==> flow/design.v <==
module add_unit_v2 #(
   parameter DWIDTH = 120,
   parameter GROUP = 5
) (
   input logic ck,
   input logic [DWIDTH-1:0] in_first,
   input logic [DWIDTH-1:0] in_second,
   input logic in_carry_in,
   output logic [DWIDTH-1:0] out_sum,
   output logic out_carry
);
   logic [DWIDTH-1:0] first_r;
   logic [DWIDTH-1:0] second_r;
   logic carry_in_r;
   localparam NG = DWIDTH / GROUP;
   logic [DWIDTH-1:0] r;
   logic [NG:0] chain;
   assign chain[0] = carry_in_r;
   for (genvar gi = 0; gi < NG; gi++) begin : gen
      wire [GROUP:0] s0 = first_r[gi*GROUP +: GROUP] + second_r[gi*GROUP +: GROUP];
      wire [GROUP:0] s1 = first_r[gi*GROUP +: GROUP] + second_r[gi*GROUP +: GROUP] + 1'b1;
      assign {chain[gi+1], r[gi*GROUP +: GROUP]} = chain[gi] ? s1 : s0;
   end
   always_ff @(posedge ck) begin
      first_r <= in_first;
      second_r <= in_second;
      carry_in_r <= in_carry_in;
      out_sum <= r;
      out_carry <= chain[NG];
   end
endmodule
# ---- From RTL to reports: add_unit_v2
# Tool output for the design above, in the order of the flow.
# Line numbers count from 1 in the design file above.
# Operators carry their Yosys type and port widths (W data, S select, Z words).
# A cell with n/a has no value.
dict set report inputs {
  top {add_unit_v2}
  clock {ck}
  library {sky130hd}
  corner {tt_025C_1v80}
}

# ---- Word-level counts
# Yosys after proc, flatten, opt, wreduce and memory -nomap, before mapping. Enables and synchronous resets that opt folds into registers are not counted as muxes. Memory bits, and registers merged into a memory's read port (data or address), are not among the register bits. Print and check cells are not counted. Equal cells are merged and count once.
dict set report word_totals {
  ram_bits 0
  latch_bits 0
  input_bits 242
  romBits 0
  regBits 362
  mem_count 0
  clocked_rd_ports_x_width 0
  output_inout_bits 121
  word_cells 77
}
dict set report classes {
  mux 24
  cmp 0
  n_div 0
  n_addsub 48
  logic 0
  eq_ne 0
  mul 0
  reduce_logical 0
  n_shift 0
}
# op count
set ops {}
lappend ops {{$add A5 B5 Y6} 24}
lappend ops {{$add A6 B1 Y6 const B} 24}
lappend ops {{$mux W6} 24}

# ---- Logic depth
# Depth = most cells in a row (Yosys ltp): at word level without a register or memory, in the mapped netlist without a sequential cell, where the memories' decode and read muxes count.
dict set report depth {
  ltp_word 26
  ABC_AREA 0
  depth_mapped 31
}

# ---- Netlist
# Yosys stat after the flow's synthesis: flattened, memories mapped to cells. It holds for the ABC_AREA given above (unset counts as 0); a run with the other value may have another netlist.
dict set report synth_totals {
  mapped_cells 1194
  synth_area_um2 13904.6
  ffs 362
  seqArea_um2 7247.0
}
# cell_type count type_area_um2
set types {}
lappend types {sky130_fd_sc_hd__dfxtp_1 362 7246.95}
lappend types {sky130_fd_sc_hd__ha_1 144 1.8E+03}
lappend types {sky130_fd_sc_hd__xnor2_1 130 1.14E+03}
lappend types {sky130_fd_sc_hd__xor2_1 60 525.504}
lappend types {sky130_fd_sc_hd__fa_1 24 480.461}
lappend types {sky130_fd_sc_hd__a21oi_1 69 345.331}
lappend types {sky130_fd_sc_hd__nor2_1 80 300.288}
lappend types {sky130_fd_sc_hd__nand2_1 66 247.738}
lappend types {sky130_fd_sc_hd__mux2_2 18 202.694}
lappend types {sky130_fd_sc_hd__mux2i_1 19 190.182}
lappend types {sky130_fd_sc_hd__a21o_1 25 187.68}
lappend types {sky130_fd_sc_hd__inv_1 44 165.158}
lappend types {sky130_fd_sc_hd__o21bai_1 22 165.158}
lappend types {sky130_fd_sc_hd__nand3_1 26 130.125}
lappend types {sky130_fd_sc_hd__nand4_1 20 125.12}
lappend types {sky130_fd_sc_hd__nand2b_1 16 100.096}
lappend types {sky130_fd_sc_hd__or3_1 14 87.584}
lappend types {sky130_fd_sc_hd__mux2i_4 2 45.043}
# Other cell types: 25; their cells: 53.

# ---- Path before layout
# Path of least setup slack by OpenSTA after synthesis, without wires, with an ideal clock, recovery checks aside; 20% of the period is set as input and as output delay. Where synthesis merged equal registers, the netlist keeps one of their names.
dict set report synth_timing {
  kind {register to register}
  start {register first_r[0]}
  end {register out_sum[116]}
  period_ns 11.0
  launch_ns 0.000
  path_stages 32
  delay_ns 8.791
  n_path_buf 0
  t_arrival_ns 8.670
  setup_slack_ns 2.209
  setup_ns 0.121
  t_required_ns 10.879
  synth_period_reached_ns 8.791
}
# "delay_ns" is the arrival time less input delay plus setup time.
# "path_stages" counts driving pins, that of a launching flip-flop among them; a cell with two outputs on the path counts twice.
# "synth_period_reached_ns" is the clock period less the worst setup slack; recovery checks do not enter. This is arithmetic on one report: input and output delays are still those of the set period (20% each).
# The rows between start and end are the longest chain of elaborated cells between them; the timing report does not say that the signal goes this way. Where chains are equally long, one stands for them.
# A line is the first line of the expression or statement that the cell stems from. Yosys adds cells for indexed reads and writes and turns some case tables into memories.
dict set report synth_between {
  path_cell_list {sky130_fd_sc_hd__dfxtp_1 -> sky130_fd_sc_hd__ha_1 -> sky130_fd_sc_hd__inv_1 -> sky130_fd_sc_hd__fa_1 -> sky130_fd_sc_hd__nand2b_1 -> sky130_fd_sc_hd__a21oi_2 -> sky130_fd_sc_hd__xor2_1 -> sky130_fd_sc_hd__nand4_1 -> sky130_fd_sc_hd__nand2_2 -> sky130_fd_sc_hd__mux2i_1 -> sky130_fd_sc_hd__and4b_4 -> sky130_fd_sc_hd__mux2_4 -> sky130_fd_sc_hd__mux2i_4 -> sky130_fd_sc_hd__mux2i_2 -> sky130_fd_sc_hd__mux2i_2 -> sky130_fd_sc_hd__mux2i_1 -> sky130_fd_sc_hd__mux2i_1 -> sky130_fd_sc_hd__mux2i_1 -> sky130_fd_sc_hd__mux2i_1 -> sky130_fd_sc_hd__mux2i_1 -> sky130_fd_sc_hd__mux2i_1 -> sky130_fd_sc_hd__mux2i_1 -> sky130_fd_sc_hd__mux2i_1 -> sky130_fd_sc_hd__mux2i_1 -> sky130_fd_sc_hd__mux2i_1 -> sky130_fd_sc_hd__mux2i_1 -> sky130_fd_sc_hd__mux2i_1 -> sky130_fd_sc_hd__mux2i_1 -> sky130_fd_sc_hd__mux2i_2 -> sky130_fd_sc_hd__mux2i_4 -> sky130_fd_sc_hd__xnor2_2 -> sky130_fd_sc_hd__mux2_4}
  elab_chain_cells 26
  cells_between 26
}
# item line
set synth_rtl {}
lappend synth_rtl {{start: declaration} 12} ;# logic [DWIDTH-1:0] first_r;
lappend synth_rtl {{start: assignment} 25} ;# first_r <= in_first;
lappend synth_rtl {{$add A5 B5 Y6} 21} ;# wire [GROUP:0] s1 = first_r[gi*GROUP +: GROUP] + second_r[gi*GROUP +: GROUP] + 1'b1;
lappend synth_rtl {{$add A6 B1 Y6} 21}
lappend synth_rtl {{$mux W6 (24 in a row)} 22} ;# assign {chain[gi+1], r[gi*GROUP +: GROUP]} = chain[gi] ? s1 : s0;
lappend synth_rtl {{end: assignment} 28} ;# out_sum <= r;
lappend synth_rtl {{end: declaration} 9} ;# output logic [DWIDTH-1:0] out_sum,

# ---- Timing after layout
# Path of least setup slack in the final report of job 1 (OpenROAD, finished layout, wires in). Where an end is a register, its clock arrival counts in the times.
dict set report layout_timing {
  kind {register to register}
  start {register first_r[0]}
  end {register out_sum[116]}
  path_stages 35
  period_ns 5.48
  t_required_ns 5.93
  t_arrival_ns 9.22
  launch_ns 0.52
  setup_slack_ns -3.29
  n_path_buf 4
  setup_ns 0.08
}
# The rows between start and end are the longest chain of elaborated cells between them; the timing report does not say that the signal goes this way. Where chains are equally long, one stands for them.
dict set report layout_between {
  path_cell_list {sky130_fd_sc_hd__dfxtp_2 -> sky130_fd_sc_hd__ha_4 -> sky130_fd_sc_hd__inv_2 -> sky130_fd_sc_hd__fa_2 -> sky130_fd_sc_hd__xor2_1 -> sky130_fd_sc_hd__nor3_2 -> sky130_fd_sc_hd__nand4_1 -> sky130_fd_sc_hd__nand2_2 -> sky130_fd_sc_hd__mux2i_2 -> sky130_fd_sc_hd__and4b_4 -> sky130_fd_sc_hd__mux2_4 -> sky130_fd_sc_hd__mux2i_4 -> sky130_fd_sc_hd__mux2i_2 -> sky130_fd_sc_hd__mux2i_2 -> sky130_fd_sc_hd__mux2i_1 -> sky130_fd_sc_hd__buf_4 -> sky130_fd_sc_hd__mux2i_4 -> sky130_fd_sc_hd__mux2i_2 -> sky130_fd_sc_hd__mux2i_1 -> sky130_fd_sc_hd__mux2i_1 -> sky130_fd_sc_hd__buf_4 -> sky130_fd_sc_hd__mux2i_4 -> sky130_fd_sc_hd__mux2i_2 -> sky130_fd_sc_hd__mux2i_2 -> sky130_fd_sc_hd__mux2i_1 -> sky130_fd_sc_hd__buf_4 -> sky130_fd_sc_hd__mux2i_4 -> sky130_fd_sc_hd__mux2i_2 -> sky130_fd_sc_hd__mux2i_2 -> sky130_fd_sc_hd__mux2i_2 -> sky130_fd_sc_hd__mux2i_2 -> sky130_fd_sc_hd__buf_4 -> sky130_fd_sc_hd__mux2i_4 -> sky130_fd_sc_hd__xnor2_2 -> sky130_fd_sc_hd__mux2_4}
  elab_chain_cells 26
  cells_between 26
}
# item line
set layout_rtl {}
lappend layout_rtl {{start: declaration} 12} ;# logic [DWIDTH-1:0] first_r;
lappend layout_rtl {{start: assignment} 25} ;# first_r <= in_first;
lappend layout_rtl {{$add A5 B5 Y6} 21} ;# wire [GROUP:0] s1 = first_r[gi*GROUP +: GROUP] + second_r[gi*GROUP +: GROUP] + 1'b1;
lappend layout_rtl {{$add A6 B1 Y6} 21}
lappend layout_rtl {{$mux W6 (24 in a row)} 22} ;# assign {chain[gi+1], r[gi*GROUP +: GROUP]} = chain[gi] ? s1 : s0;
lappend layout_rtl {{end: assignment} 28} ;# out_sum <= r;
lappend layout_rtl {{end: declaration} 9} ;# output logic [DWIDTH-1:0] out_sum,

--- measured runs ---
Record of 3 stored runs of the RTL-to-layout flow on add_unit_v2, platform sky130hd. The runs are unordered. Constraints: input delay and output delay 20% of the set period each, output load 0.01 pF.
"period_less_ws_ns" = clock period - worst setup slack. The figure is calculated, with input and output delays left at 20% of the set period.
By "worst_path_ns" is meant the share of the clock period that the worst setup path is allowed (20% is reserved at inputs, 20% at outputs), minus its slack. Clock arrival times at its registers enter into it.
"final_power_uw": no workload was simulated; the value follows from the tool's default switching activity.

[flow] job 1: files
==> flow/run.sh <==
#!/bin/bash
# the make line also repeats the synthesis and layout settings of config.mk as NAME=value (left out here)
make -C /OpenROAD-flow-scripts/flow DESIGN_CONFIG=/design/flow/config.mk WORK_HOME=/design/flow/orfs CLKGATE_MAP_FILE= finish
==> flow/config.mk <==
export PLATFORM = sky130hd
export DESIGN_NAME = add_unit_v2
export DESIGN_NICKNAME = add_unit_v2
export VERILOG_FILES = /design/flow/design.v
export SDC_FILE = /design/flow/constraint.sdc
export NUM_CORES = 4
export LEC_CHECK = 0
export CAP_MARGIN = 20
export CORE_MARGIN = 2
export CORE_UTILIZATION = 38
export CTS_CLUSTER_DIAMETER = 167
export CTS_CLUSTER_SIZE = 59
export GPL_ROUTABILITY_DRIVEN = 1
export MIN_ROUTING_LAYER = met1
export PLACE_DENSITY_LB_ADDON = 0.23
export SETUP_SLACK_MARGIN = 0.12
export SLEW_MARGIN = 20
==> flow/constraint.sdc <==
create_clock -name core_clock -period 5.48 [get_ports {ck}]
set_input_delay 1.0960 -clock core_clock [delete_from_list [all_inputs] [get_ports {ck}]]
set_output_delay 1.0960 -clock core_clock [all_outputs]
set_load 0.01 [all_outputs]

[flow] job 1: metrics
[metrics] ys_area_um2 = 13904.6
[metrics] design_die_area_um2 = 38136.2
[metrics] layout_stdcell_area_um2 = 20499.7
[metrics] post_route_util_frac = 0.564
[metrics] worst_setup_slack_ns = -3.294
[metrics] final_setup_tns_ns = -106.288
[metrics] holdWs_ns = 0.574
[metrics] final_power_uw = 6172
[metrics] period_less_ws_ns = 8.774
[metrics] worst_path_ns = 8.77
[metrics] worstPathKind = register to register

[flow] job 2: files
==> flow/run.sh <==
#!/bin/bash
# the make line also repeats the synthesis and layout settings of config.mk as NAME=value (left out here)
make -C /OpenROAD-flow-scripts/flow DESIGN_CONFIG=/design/flow/config.mk WORK_HOME=/design/flow/orfs CLKGATE_MAP_FILE= finish
==> flow/config.mk <==
export PLATFORM = sky130hd
export DESIGN_NAME = add_unit_v2
export DESIGN_NICKNAME = add_unit_v2
export VERILOG_FILES = /design/flow/design.v
export SDC_FILE = /design/flow/constraint.sdc
export NUM_CORES = 4
export LEC_CHECK = 0
export CAP_MARGIN = 20
export CORE_MARGIN = 2
export CORE_UTILIZATION = 40
export SLEW_MARGIN = 20
==> flow/constraint.sdc <==
create_clock -name core_clock -period 11.0 [get_ports {ck}]
set_input_delay 2.2000 -clock core_clock [delete_from_list [all_inputs] [get_ports {ck}]]
set_output_delay 2.2000 -clock core_clock [all_outputs]
set_load 0.01 [all_outputs]

[flow] job 2: metrics
[metrics] ys_area_um2 = 13904.6
[metrics] design_die_area_um2 = 36269.3
[metrics] layout_stdcell_area_um2 = 19402.4
[metrics] post_route_util_frac = 0.564
[metrics] worst_setup_slack_ns = 1.101
[metrics] final_setup_tns_ns = 0.000
[metrics] holdWs_ns = 0.513
[metrics] final_power_uw = 3638
[metrics] period_less_ws_ns = 9.899
[metrics] worst_path_ns = 9.90
[metrics] worstPathKind = register to register

[flow] job 3: files
==> flow/run.sh <==
#!/bin/bash
# the make line also repeats the synthesis and layout settings of config.mk as NAME=value (left out here)
make -C /OpenROAD-flow-scripts/flow DESIGN_CONFIG=/design/flow/config.mk WORK_HOME=/design/flow/orfs CLKGATE_MAP_FILE= finish
==> flow/config.mk <==
export PLATFORM = sky130hd
export DESIGN_NAME = add_unit_v2
export DESIGN_NICKNAME = add_unit_v2
export VERILOG_FILES = /design/flow/design.v
export SDC_FILE = /design/flow/constraint.sdc
export NUM_CORES = 4
export LEC_CHECK = 0
export CAP_MARGIN = 20
export CELL_PAD_IN_SITES_DETAIL_PLACEMENT = 2
export CORE_MARGIN = 2
export CORE_UTILIZATION = 23
export CTS_CLUSTER_SIZE = 86
export MAX_ROUTING_LAYER = met4
export MIN_ROUTING_LAYER = met2
export PLACE_DENSITY = 0.86
export SLEW_MARGIN = 20
export TNS_END_PERCENT = 75
==> flow/constraint.sdc <==
create_clock -name core_clock -period 14.5 [get_ports {ck}]
set_input_delay 2.9000 -clock core_clock [delete_from_list [all_inputs] [get_ports {ck}]]
set_output_delay 2.9000 -clock core_clock [all_outputs]
set_load 0.01 [all_outputs]

[flow] job 3: metrics
[metrics] ys_area_um2 = 13904.6
[metrics] design_die_area_um2 = 62437.5
[metrics] layout_stdcell_area_um2 = 20103.0
[metrics] post_route_util_frac = 0.335
[metrics] worst_setup_slack_ns = 3.323
[metrics] final_setup_tns_ns = 0.000
[metrics] holdWs_ns = 0.572
[metrics] final_power_uw = 3115
[metrics] period_less_ws_ns = 11.177
[metrics] worst_path_ns = 11.18
[metrics] worstPathKind = register to register
--- end ---
